==> flow/design.v <==
module mem_rtl #(
  parameter NWORDS = 6,
  parameter NBITS = 12,
  parameter AW = $clog2(NWORDS)
) (
  input CLK,
  input wen,
  input [AW-1:0] waddr,
  input [NBITS-1:0] d,
  input [AW-1:0] raddr_a,
  input [AW-1:0] raddr_b,
  output reg [NBITS-1:0] dout_a,
  output reg [NBITS-1:0] dout_b
);
  reg [NBITS-1:0] array [0:NWORDS-1];
  always @(posedge CLK) begin
    if (wen)
      array[waddr] <= d;
  end
  always @(posedge CLK) begin
    dout_a <= array[raddr_a];
    dout_b <= array[raddr_b];
  end
endmodule
Wiki page: mem_rtl / tool data

### Tool chain data of mem_rtl

Module mem_rtl in several versions that differ in "NWORDS"; each step lists the members.
The RTL above is that of NWORDS = 6; lines are counted from 1 in the file of the member named.
Library cell names are shortened.
Not given: -

| inputs | value |
|---|---|
| top module | mem_rtl |
| clock | CLK |
| standard-cell library | sky130hd |
| timing corner | tt_025C_1v80 |

### Members of the sweep

New or changed lines of each further member against the RTL above, in its own file; lines it lacks are not shown.

New or changed lines:

| NWORDS | RTL line | source |
|---|---|---|
| 8 | 2 | `parameter NWORDS = 8,` |
| 10 | 2 | `parameter NWORDS = 10,` |
| 20 | 2 | `parameter NWORDS = 20,` |
| 32 | 2 | `parameter NWORDS = 32,` |

### Word-level counts

Yosys after proc, flatten, opt, wreduce and memory -nomap, before mapping. Enables and synchronous resets that opt folds into registers are not counted as muxes. Memory bits, and registers merged into a memory's read port (data or address), are not among the register bits. Print and check cells are not counted. Equal cells are merged and count once.
Yosys's memory passes give these memory sizes; they may raise the number of words (mostly to a power of two), join words into wider ones and drop unused or constant bits.

Word-level totals:

| NWORDS | memories kept | RAM bits | clocked read ports x word width | cells after elaboration | bits in registers | output and inout bits | bits of input ports |
|---|---|---|---|---|---|---|---|
| 6 | 1 | 72 | 24 | 4 | 0 | 24 | 23 |
| 8 | 1 | 96 | 24 | 4 | 0 | 24 | 23 |
| 10 | 1 | 120 | 24 | 4 | 0 | 24 | 26 |
| 20 | 1 | 240 | 24 | 4 | 0 | 24 | 29 |
| 32 | 1 | 384 | 24 | 4 | 0 | 24 | 29 |

Memory list:

| NWORDS | shape (words x width / read and write ports) |
|---|---|
| 6 | array 6x12 r2 w1 |
| 8 | array 8x12 r2 w1 |
| 10 | array 10x12 r2 w1 |
| 20 | array 20x12 r2 w1 |
| 32 | array 32x12 r2 w1 |

Operators by class:

| NWORDS | multiplexer cells |
|---|---|
| 6 | 3 |
| 8 | 3 |
| 10 | 3 |
| 20 | 3 |
| 32 | 3 |

Operator list:

| NWORDS | kind and count |
|---|---|
| 6 | 12-bit 2-to-1 mux (1); 3-bit 2-to-1 mux (1); 1-bit 2-to-1 mux (1) |
| 8 | 12-bit 2-to-1 mux (1); 3-bit 2-to-1 mux (1); 1-bit 2-to-1 mux (1) |
| 10 | 12-bit 2-to-1 mux (1); 4-bit 2-to-1 mux (1); 1-bit 2-to-1 mux (1) |
| 20 | 12-bit 2-to-1 mux (1); 5-bit 2-to-1 mux (1); 1-bit 2-to-1 mux (1) |
| 32 | 12-bit 2-to-1 mux (1); 5-bit 2-to-1 mux (1); 1-bit 2-to-1 mux (1) |

### Logic depth

Yosys ltp: most cells in a row. Word level: on the elaborated netlist, between registers, memories and ports. Mapped: between sequential cells and ports; inverters and the memories' decode and read muxes count.

Depth:

| NWORDS | depth in word-level cells | ABC_AREA | gate-level depth with buffers | gate-level depth less buffers |
|---|---|---|---|---|
| 6 | 1 | 0 | 4 | 2 |
| 8 | 1 | 0 | 4 | 2 |
| 10 | 1 | 0 | 5 | 3 |
| 20 | 1 | 0 | 8 | 4 |
| 32 | 1 | 0 | 8 | 5 |

### Mapped cells and area

The flow's flattened synthesis, as Yosys stat reports it; memories are mapped. The netlist is that of the ABC_AREA named above (0 if unset); the other value can give another one.
Totals and module areas in this step are rounded.

Synthesis totals:

| NWORDS | mapped flip-flops | sequential part of the area (um2) | standard cells after synthesis | buffers | mapped area (um2) |
|---|---|---|---|---|---|
| 6 | 96 | 2640 | 188 | 10 | 3850 |
| 8 | 120 | 3360 | 219 | 14 | 5040 |
| 10 | 144 | 4080 | 410 | 26 | 6420 |
| 20 | 264 | 7690 | 661 | 46 | 12000 |
| 32 | 408 | 12000 | 1306 | 95 | 19200 |

Cell types:

| NWORDS | types with counts |
|---|---|
| 6 | edfxtp_1 (72); mux4_2 (24); dfxtp_1 (24); mux2_2 (40); mux2_1 (8); buf_6 (5); nand2b_1 (3); nor2_1 (4); buf_2 (2); nor3_1 (2); buf_1 (2); clkbuf_1 (1); nand2_1 (1) |
| 8 | edfxtp_1 (96); mux4_1 (43); dfxtp_1 (24); mux2_2 (24); mux4_2 (5); buf_6 (6); nor2_1 (6); buf_2 (4); nand2b_1 (3); clkbuf_1 (4); nor3_1 (2); nand2_1 (2) |
| 10 | edfxtp_1 (120); mux2_2 (72); dfxtp_1 (24); mux2i_1 (48); a22o_1 (24); o31ai_2 (13); o22ai_1 (24); nand2_1 (27); buf_6 (8); o31ai_1 (11); buf_12 (4); clkbuf_1 (11); nor2_1 (9); nand2b_1 (4); buf_2 (3); nand3b_1 (2); nor3_1 (3); nor2b_1 (2); or3b_2 (1) |
| 20 | edfxtp_1 (240); mux4_1 (54); mux2i_1 (92); a22oi_1 (68); dfxtp_1 (24); mux4_2 (20); mux2_2 (24); o21ai_1 (22); nand2_1 (26); nor2_1 (24); buf_4 (10); buf_6 (6); buf_2 (12); clkbuf_1 (16); nor2b_1 (6); clkbuf_8 (2); nand3b_1 (3); a221oi_1 (2); [+10] |
| 32 | edfxtp_1 (384); mux2i_1 (384); a22oi_1 (96); dfxtp_1 (24); a22o_1 (48); buf_12 (16); nand3_1 (50); a21oi_1 (48); nand2_1 (49); a31oi_1 (24); nand4_1 (24); buf_2 (28); nor2_1 (35); buf_6 (11); nor3_1 (24); buf_4 (13); clkbuf_1 (21); buf_8 (4); [+23] |

A list marked [+n] leaves out that many cells.

### Path before layout

Path of least setup slack by OpenSTA after synthesis, without wires, with an ideal clock, recovery checks aside; 20% of the period is set as input and as output delay. Where synthesis merged equal registers, the netlist keeps one of their names.

Path post-synthesis:

| NWORDS | kind | start | end | period (ps) | delay of the path (ps) | stages | path slack (ps) | synthesis period reached (ps) |
|---|---|---|---|---|---|---|---|---|
| 6 | input port to flip-flop | in waddr[0] | mem array[0][0] | 2220 | 1424 | 2 | 352 | 1868 |
| 8 | input port to flip-flop | in waddr[2] | mem array[0][0] | 2250 | 1441 | 2 | 358 | 1892 |
| 10 | input port to flip-flop | in waddr[2] | mem array[0][0] | 2770 | 1775 | 2 | 440 | 2330 |
| 20 | input port to flip-flop | in waddr[1] | mem array[0][0] | 2280 | 1460 | 2 | 364 | 1916 |
| 32 | input port to flip-flop | in waddr[1] | mem array[0][0] | 2450 | 1566 | 3 | 393 | 2057 |

"delay of the path" = arrival - input delay + setup time.
"stages" counts driving pins, that of a launching flip-flop among them; a cell with two outputs on the path counts twice.
"synthesis period reached" is the clock period less the worst setup slack; recovery checks do not enter. This is arithmetic on one report: input and output delays are still those of the set period (20% each).
Between the ends stands the longest chain of elaborated cells between them, by number of cells; it is not shown to be the way that was timed. Of several equally long chains one is given.
Each line given opens the expression or statement behind the cell; cells for indexed reads and writes are added by Yosys, which also makes memories of some case tables.

| between the ends, post-synthesis, NWORDS = 6 | value |
|---|---|
| length of the longest elaborated chain | 1 |

RTL lines, path post-synthesis, NWORDS = 6:

| what | RTL line | source |
|---|---|---|
| from (decl) | 8 | `input [AW-1:0] waddr,` |
| 3-bit 2-to-1 mux | 17 | `if (wen)` |
| to (decl) | 15 | `reg [NBITS-1:0] array [0:NWORDS-1];` |

| between the ends, post-synthesis, NWORDS = 32 | value |
|---|---|
| length of the longest elaborated chain | 1 |

RTL lines, path post-synthesis, NWORDS = 32:

| what | RTL line | source |
|---|---|---|
| from (decl) | 8 | `input [AW-1:0] waddr,` |
| 5-bit 2-to-1 mux | 17 | `if (wen)` |
| to (decl) | 15 | `reg [NBITS-1:0] array [0:NWORDS-1];` |

### Path in the finished layout

Path of least setup slack in the final report of the run of each member (OpenROAD, finished layout, wires in). Where an end is a register, its clock arrival counts in the times.
The path's times are printed in steps of 10 ps; the period is the one set.

Path after layout:

| NWORDS | kind | start | end | buffers on the path | data arrival time (ps) | path slack (ps) | period (ps) | stages |
|---|---|---|---|---|---|---|---|---|
| 6 | input port to flip-flop | in raddr_a[1] | reg dout_a[8] | 2 | 1970 | 490 | 2220 | 4 |
| 8 | input port to flip-flop | in raddr_b[0] | reg dout_b[6] | 2 | 2060 | 490 | 2250 | 4 |
| 10 | flip-flop to output port | reg dout_a[10] | out dout_a[10] | 1 | 1340 | 870 | 2770 | 2 |
| 20 | input port to flip-flop | in raddr_a[3] | reg dout_a[9] | 2 | 2390 | 300 | 2280 | 6 |
| 32 | input port to flip-flop | in raddr_a[2] | reg dout_a[6] | 4 | 2610 | 240 | 2450 | 8 |

### Flow runs

Settings and results of one run of the flow (Yosys, OpenROAD) for each member follow. The constraints put input and output delay at 20% of the set period each and load the outputs with 0.01 pF.

| flow settings | value |
|---|---|
| CAP_MARGIN | 20 |
| CORE_MARGIN | 2 |
| CORE_UTILIZATION | 40 |
| SLEW_MARGIN | 20 |

Settings by member:

| NWORDS | period_ns |
|---|---|
| 6 | 2.22 |
| 8 | 2.25 |
| 10 | 2.77 |
| 20 | 2.28 |
| 32 | 2.45 |

Results:

| NWORDS | period achieved (ps) | total power of the final layout (uW) | full die area (um2) | chip area after synthesis (Yosys) (um2) | standard-cell area after layout (um2) | setup slack of the worst path (ps) | post-layout utilization | sum of negative setup slack (ps) | final worst hold slack (ps) |
|---|---|---|---|---|---|---|---|---|---|
| 6 | 1733 | 3630 | 10400 | 3850 | 4750 | 487 | 0.512 | 0 | 584 |
| 8 | 1763 | 5730 | 13500 | 5040 | 6370 | 487 | 0.524 | 0 | 691 |
| 10 | 1896 | 4950 | 17100 | 6420 | 7680 | 874 | 0.487 | 0 | 602 |
| 20 | 1980 | 10700 | 31400 | 12000 | 14200 | 300 | 0.482 | 0 | 705 |
| 32 | 2209 | 15500 | 49800 | 19200 | 22700 | 241 | 0.478 | 0 | 632 |

"period achieved": clock period set for the run, less the worst setup slack. It is reckoned from that one timing run; input and output delays stay at 20% of the period that was set.
"total power of the final layout" is the tool's figure for a default switching activity; nothing was simulated.
The results are shown rounded.
